==> flow/design.v <==
module gen_mpy_stage (core_clk, srst, in_rs1, in_rs2, out_prod);
  parameter DATA_W = 7;
  input core_clk;
  input srst;
  input signed [DATA_W-1:0] in_rs1;
  input signed [DATA_W-1:0] in_rs2;
  output reg signed [2*DATA_W-1:0] out_prod;
  always @(posedge core_clk or posedge srst) begin
    if (srst) begin
      out_prod <= 0;
    end else begin
      out_prod <= in_rs1 * in_rs2;
    end
  end
endmodule
# Tool chain data of gen_mpy_stage
# The steps from the RTL of gen_mpy_stage to its reports follow in flow order.
# Line numbers count from 1 in the design file above.
# Operators: Yosys type, input widths -> output width; for muxes data width and select width s.
# Cell names lack the library's common part.
# A cell with n/a has no value.
# design
top	gen_mpy_stage
clk_port	core_clk
library	sky130hd
pvt_corner	tt_025C_1v80

# Word level
# Counts by Yosys on the flattened word-level netlist (proc, flatten, opt, wreduce; memories kept). Register bits leave out memories and registers merged into their read ports (data or address); mux counts leave out enables and synchronous resets folded into registers. Print and check cells are left out. Cells with the same type and inputs are merged into one.
# bits
out_inout_bits	14
wordCells	2
register_bits	14
# classes
n_mul	1
# op_table
op	n
$mul 7x7->14	1

# Logic depth
# Longest topological path by Yosys (ltp), each cell counted once; first at word level (registers and memories cut), then after technology mapping (sequential cells cut; the memories' decode and read muxes count).
# depth
ltp_word	1
ABC_AREA	1
ltp_mapped	20
mapped_depth_nobuf	20

# Mapped cells and area
# Yosys stat after the flow's synthesis: flattened, memories mapped to cells. It holds for the ABC_AREA given above (unset counts as 0); a run with the other value may have another netlist.
# mapped
cell_count	336
ffs	14
buffers	0
synth_area_um2	2537.4
# types
cell	n
fa_1	39
inv_1	109
dfrtp_1	14
ha_1	28
nand2_1	93
nand3_1	17
xor2_1	6
a21oi_1	8
nor2_1	10
xnor2_1	3
nand3b_1	2
o21ai_0	2
a21boi_0	1
o21bai_1	1
nand4_1	1
or2_2	1
clkinv_1	1

# Timing after synthesis
# Source: OpenSTA report_checks on the synthesized netlist (no wires, ideal clock, input and output delay 20% of the period each), path of least setup slack; recovery checks are left aside. Register names are those of the netlist, which keeps one name where synthesis merged equal registers.
# synth_path
path_kind	input to register
startpoint	input port in_rs2[6]
endpoint	register out_prod[12]
t_required_ns	5.833
path_slack_ns	1.096
setup_time_ns	0.117
arrival_ns	4.737
n_path_buf	0
clock_period_ns	5.95
driving_pins	16
path_delay_ns	3.664
launch_ns	1.190
synth_period_reached_ns	4.854
# "path_delay_ns" = arrival - input delay + setup time.
# "driving_pins": output pins that drive a net of the path, with the launching flip-flop's if there is one; two outputs of one cell count as two.
# "synth_period_reached_ns" = period - worst setup slack (recovery checks aside). The figure is calculated, with input and output delays left at 20% of the set period.
# The rows between start and end are the longest chain of elaborated cells between them; the timing report does not say that the signal goes this way. Where chains are equally long, one stands for them.
# A line is the first line of the expression or statement that the cell stems from. Yosys adds cells for indexed reads and writes and turns some case tables into memories.
# synth_via
cell_sequence	clkinv_1 > or2_2 > fa_1 > fa_1 > inv_1 > fa_1 > inv_1 > fa_1 > inv_1 > ha_1 > nand2_1 > nor2_1 > o21ai_0 > nand3_1 > nand2_1 > nand2_1
elab_chain_cells	1
cells_between	1
cone_lines	1
# synth_lines
item	line	rtl
start, declared	6	input signed [DATA_W-1:0] in_rs2;
$mul 7x7->14	12	out_prod <= in_rs1 * in_rs2;
end, assigned	10	out_prod <= 0;
end, assigned	12
end, declared	7	output reg signed [2*DATA_W-1:0] out_prod;

# Timing after layout
# From the final timing report of stored run 2: the path of least setup slack in the routed layout; clock arrival at registers is part of the times.
# layout_path
path_kind	input to register
startpoint	input port in_rs2[2]
endpoint	register out_prod[12]
path_slack_ns	0.22
clock_period_ns	5.08
driving_pins	16
arrival_ns	4.99
setup_time_ns	0.11
n_path_buf	2
t_required_ns	5.21
launch_ns	1.02
# The rows between start and end are the longest chain of elaborated cells between them; the timing report does not say that the signal goes this way. Where chains are equally long, one stands for them.
# layout_via
cell_sequence	clkdlybuf4s50_1 > nand2_2 > inv_1 > fa_1 > inv_1 > buf_4 > fa_1 > fa_1 > fa_1 > inv_1 > ha_1 > a21oi_1 > a21boi_1 > nand3_1 > nand2_1 > nand2_1
elab_chain_cells	1
cells_between	1
cone_lines	1
# layout_lines
item	line	rtl
start, declared	6	input signed [DATA_W-1:0] in_rs2;
$mul 7x7->14	12	out_prod <= in_rs1 * in_rs2;
end, assigned	10	out_prod <= 0;
end, assigned	12
end, declared	7	output reg signed [2*DATA_W-1:0] out_prod;

# Record of 3 stored runs of the RTL-to-layout flow on gen_mpy_stage, platform sky130hd. The runs are unordered. Constraints: input delay and output delay 20% of the set period each, output load 0.01 pF.
# "power_total_mw" rests on the timing tool's default activity at the inputs, not on a simulated workload.
# A setting shown as n/a is not set for that run.
# Among the results, n/a means that no value is shown for the run.
setting or result,stored run 1,stored run 2,stored run 3
period_ns,5.15,5.08,5.95
CORE_UTILIZATION,50,43,40
PLACE_DENSITY_LB_ADDON,0.29,0.07,n/a
HOLD_SLACK_MARGIN,0.25,n/a,n/a
CELL_PAD_IN_SITES_GLOBAL_PLACEMENT,3,n/a,n/a
GPL_ROUTABILITY_DRIVEN,0,n/a,n/a
CTS_CLUSTER_DIAMETER,206,71,n/a
CAP_MARGIN,15,40,20
SLEW_MARGIN,40,20,20
MAX_ROUTING_LAYER,met5,met5,n/a
CORE_MARGIN,2,2,2
CORE_ASPECT_RATIO,n/a,0.76,n/a
ABC_AREA,n/a,1,n/a
synth_chip_area_um2,n/a,2537.4,2290.9
dieArea_um2,n/a,6537.4,6348.9
finish.stdcell_area_um2,n/a,3221.8,2726.4
setup_ws_ns,n/a,0.218,0.452
setupTns_ns,n/a,0.000,0.000
power_total_mw,n/a,1.360,0.9634
# Stored run 1: unfinished; error FLW-0024 in placement
